==> flow/design.v <==
module mpy_top #(
  parameter DW = 5
) (
  input  CLK,
  input  aresetn,
  input  [DW-1:0] op_a_i,
  input  [DW-1:0] op_b_i,
  output [DW-1:0] result_o
);
  reg [DW-1:0] op_a_r;
  reg [DW-1:0] op_b_r;
  reg [DW-1:0] result_r;
  assign result_o = result_r;
  always @(posedge CLK) begin
    if (!aresetn) begin
      op_a_r <= 0;
      op_b_r <= 0;
      result_r <= 0;
    end else begin
      op_a_r <= op_a_i;
      op_b_r <= op_b_i;
      result_r <= op_a_r * op_b_r;
    end
  end
endmodule
Tool chain data of mpy_top

The steps from the RTL of mpy_top to its reports follow in flow order.
Lines are those of the file above, counted from 1.
Cell names lack the library's common part.
Not given: --

Top module: mpy_top
Clock port: CLK
Library: sky130hd
Corner: tt_025C_1v80

After elaboration

Yosys after proc, flatten, opt, wreduce and memory -nomap, before mapping. Enables and synchronous resets that opt folds into registers are not counted as muxes. Memory bits, and registers merged into a memory's read port (data or address), are not among the register bits. Print and check cells are not counted. Equal cells are merged and count once.

Clocked read ports x word width: 0
Output and inout port bits: 5
Cells after elaboration: 4
RAM bits: 0
Memories kept: 0
Register bits: 15
Input port bits: 12
ROM bits: 0
Latch bits: 0

Bitwise operators: 0
Magnitude comparators: 0
Equal/unequal tests: 0
Reduce/logical cells: 0
Div/mod/pow operators: 0
Multiplexer cells: 0
Shift-type cells: 0
$add $sub $neg: 0
Multipliers: 1

Operators with widths:

| cell                      | count |
| multiplier 5 x 5 -> 5 bit | 1 |

Logic depth

Yosys ltp: most cells in a row. Word level: on the elaborated netlist, between registers, memories and ports. Mapped: between sequential cells and ports; inverters and the memories' decode and read muxes count.

Word-level depth: 1
ABC_AREA: 0
Gate-level depth with buffers: 11
Gate-level depth less buffers: 11

Mapped cells and area

The flow's flattened synthesis, as Yosys stat reports it; memories are mapped. The netlist is that of the ABC_AREA named above (0 if unset); the other value can give another one.

Cell types:

| cell type | count | total area (sq um) |
| dfxtp_1   | 15    | 300.288 |
| and2_1    | 18    | 112.608 |
| ha_1      | 6     | 75.072 |
| xnor3_1   | 2     | 45.043 |
| fa_1      | 2     | 40.038 |
| xnor2_1   | 3     | 26.275 |
| and2_2    | 3     | 22.522 |
| nand2_1   | 6     | 22.522 |
| inv_1     | 3     | 11.261 |
| nor2b_2   | 1     | 8.758 |
| xor2_1    | 1     | 8.758 |
| and3_1    | 1     | 6.256 |
| clkbuf_1  | 1     | 3.754 |

Flip-flop cells: 15
Buffers: 1
Cell area after synthesis: 683.2 sq um
Sequential part of the area: 300.3 sq um
Mapped cells: 62

Path before layout

Path of least setup slack by OpenSTA after synthesis, without wires, with an ideal clock, recovery checks aside; 20% of the period is set as input and as output delay. Where synthesis merged equal registers, the netlist keeps one of their names.

Path type: reg2reg
Start: register op_b_r[2]
End: register result_r[4]
Period: 3.68 ns
Data required time: 3.566 ns
Delay of the path: 2.946 ns
Setup time: 0.114 ns
Stages: 12
Time at the first pin: 0.000 ns
Path slack: 0.734 ns
Data arrival time: 2.832 ns
Buffers on the path: 0
Period reached after synthesis: 2.946 ns

"delay of the path" is the arrival time less input delay plus setup time.
"stages": output pins that drive a net of the path, with the launching flip-flop's if there is one; two outputs of one cell count as two.
"period reached after synthesis" is the clock period less the worst setup slack; recovery checks do not enter. This is arithmetic on one report: input and output delays are still those of the set period (20% each).
The rows between start and end are the longest chain of elaborated cells between them; the timing report does not say that the signal goes this way. Where chains are equally long, one stands for them.
Each line given opens the expression or statement behind the cell; cells for indexed reads and writes are added by Yosys, which also makes memories of some case tables.

Cell sequence: dfxtp_1 and2_2 ha_1 ha_1 inv_1 fa_1 inv_1 fa_1 xor2_1 xnor3_1 xnor3_1 nor2b_2
Length of the longest elaborated chain: 1
Elaborated cells between the ends (all ways): 1
RTL lines with such cells: 1
Classes of those cells: 1 x mul

RTL lines, path after synthesis:

| element                   | line | source |
| start: declaration        | 11   | `reg [DW-1:0] op_b_r;` |
| start: assignment         | 17   | `op_b_r <= 0;` |
| start: assignment         | 21   | `op_b_r <= op_b_i;` |
| multiplier 5 x 5 -> 5 bit | 22   | `result_r <= op_a_r * op_b_r;` |
| end: assignment           | 18   | `result_r <= 0;` |
| end: assignment           | 22   |  |
| end: declaration          | 12   | `reg [DW-1:0] result_r;` |

Worst path after layout

Path of least setup slack in the final report of record 1 (OpenROAD, finished layout, wires in). Where an end is a register, its clock arrival counts in the times.

Path type: reg2reg
Start: register op_b_r[2]
End: register result_r[4]
Time at the first pin: 0.29 ns
Setup time: 0.05 ns
Data required time: 3.91 ns
Path slack: 0.59 ns
Stages: 12
Data arrival time: 3.32 ns
Buffers on the path: 0
Period: 3.68 ns

The rows between start and end are the longest chain of elaborated cells between them; the timing report does not say that the signal goes this way. Where chains are equally long, one stands for them.

Cell sequence: dfxtp_1 and2_2 ha_1 ha_1 inv_1 fa_1 inv_1 fa_1 xor2_1 xnor3_1 xnor3_1 nor2b_2
Length of the longest elaborated chain: 1
Elaborated cells between the ends (all ways): 1
RTL lines with such cells: 1
Classes of those cells: 1 x mul

RTL lines, path post-layout:

| element                   | line | source |
| start: declaration        | 11   | `reg [DW-1:0] op_b_r;` |
| start: assignment         | 17   | `op_b_r <= 0;` |
| start: assignment         | 21   | `op_b_r <= op_b_i;` |
| multiplier 5 x 5 -> 5 bit | 22   | `result_r <= op_a_r * op_b_r;` |
| end: assignment           | 18   | `result_r <= 0;` |
| end: assignment           | 22   |  |
| end: declaration          | 12   | `reg [DW-1:0] result_r;` |

Lab notebook: mpy_top

mpy_top through Yosys and OpenROAD on sky130hd: 3 stored runs, unordered, with their settings and measured results. The constraints put input and output delay at 20% of the set period each and load the outputs with 0.01 pF.
"period reached" means the clock period less the worst setup slack. The figure is calculated, with input and output delays left at 20% of the set period.
By "total power after layout" is meant OpenSTA's value without simulated activity: inputs other than the clock are taken to toggle once in ten clock periods, and the tool carries that through the logic.
Settings: n/a = not set for that run.

| setting or result                      | record 1 | record 2 | record 3 |
| period_ns                              | 3.68     | 4.1      | 2.23     |
| CAP_MARGIN                             | 20       | 20       | 10       |
| CORE_MARGIN                            | 2        | 5        | 2        |
| CORE_UTILIZATION                       | 40       | 42       | 34       |
| SLEW_MARGIN                            | 20       | 25       | 40       |
| PLACE_DENSITY                          | n/a      | 0.87     | n/a      |
| HOLD_SLACK_MARGIN                      | n/a      | 0.0      | n/a      |
| CORE_ASPECT_RATIO                      | n/a      | 1.26     | n/a      |
| CELL_PAD_IN_SITES_DETAIL_PLACEMENT     | n/a      | 1        | n/a      |
| TNS_END_PERCENT                        | n/a      | 70       | n/a      |
| ABC_AREA                               | n/a      | 1        | n/a      |
| GPL_ROUTABILITY_DRIVEN                 | n/a      | 0        | n/a      |
| CTS_CLUSTER_SIZE                       | n/a      | 62       | 55       |
| MIN_ROUTING_LAYER                      | n/a      | met1     | met2     |
| PLACE_DENSITY_LB_ADDON                 | n/a      | n/a      | 0.17     |
| CELL_PAD_IN_SITES_GLOBAL_PLACEMENT     | n/a      | n/a      | 2        |
| GPL_TIMING_DRIVEN                      | n/a      | n/a      | 0        |
| CTS_CLUSTER_DIAMETER                   | n/a      | n/a      | 341      |
| MAX_ROUTING_LAYER                      | n/a      | n/a      | met5     |
| post-synthesis cell area (sq um)       | 683.2    | 734.5    | 683.2    |
| std-cell area (final layout) (sq um)   | 887.1    | 940.9    | 949.7    |
| utilization of the finished layout (%) | 56.9     | 55.3     | 49.4     |
| die size (sq um)                       | 2,054.4  | 2,690.7  | 2,383.9  |
| setup slack of the worst path (ns)     | 0.590    | 1.252    | -0.422   |
| sum of negative setup slack (ns)       | 0.000    | 0.000    | -0.422   |
| total power after layout (mW)          | 0.3109   | 0.2856   | 0.5178   |
| final worst hold slack (ns)            | 0.556    | 0.597    | 0.546    |
| period reached (ns)                    | 3.090    | 2.848    | 2.652    |
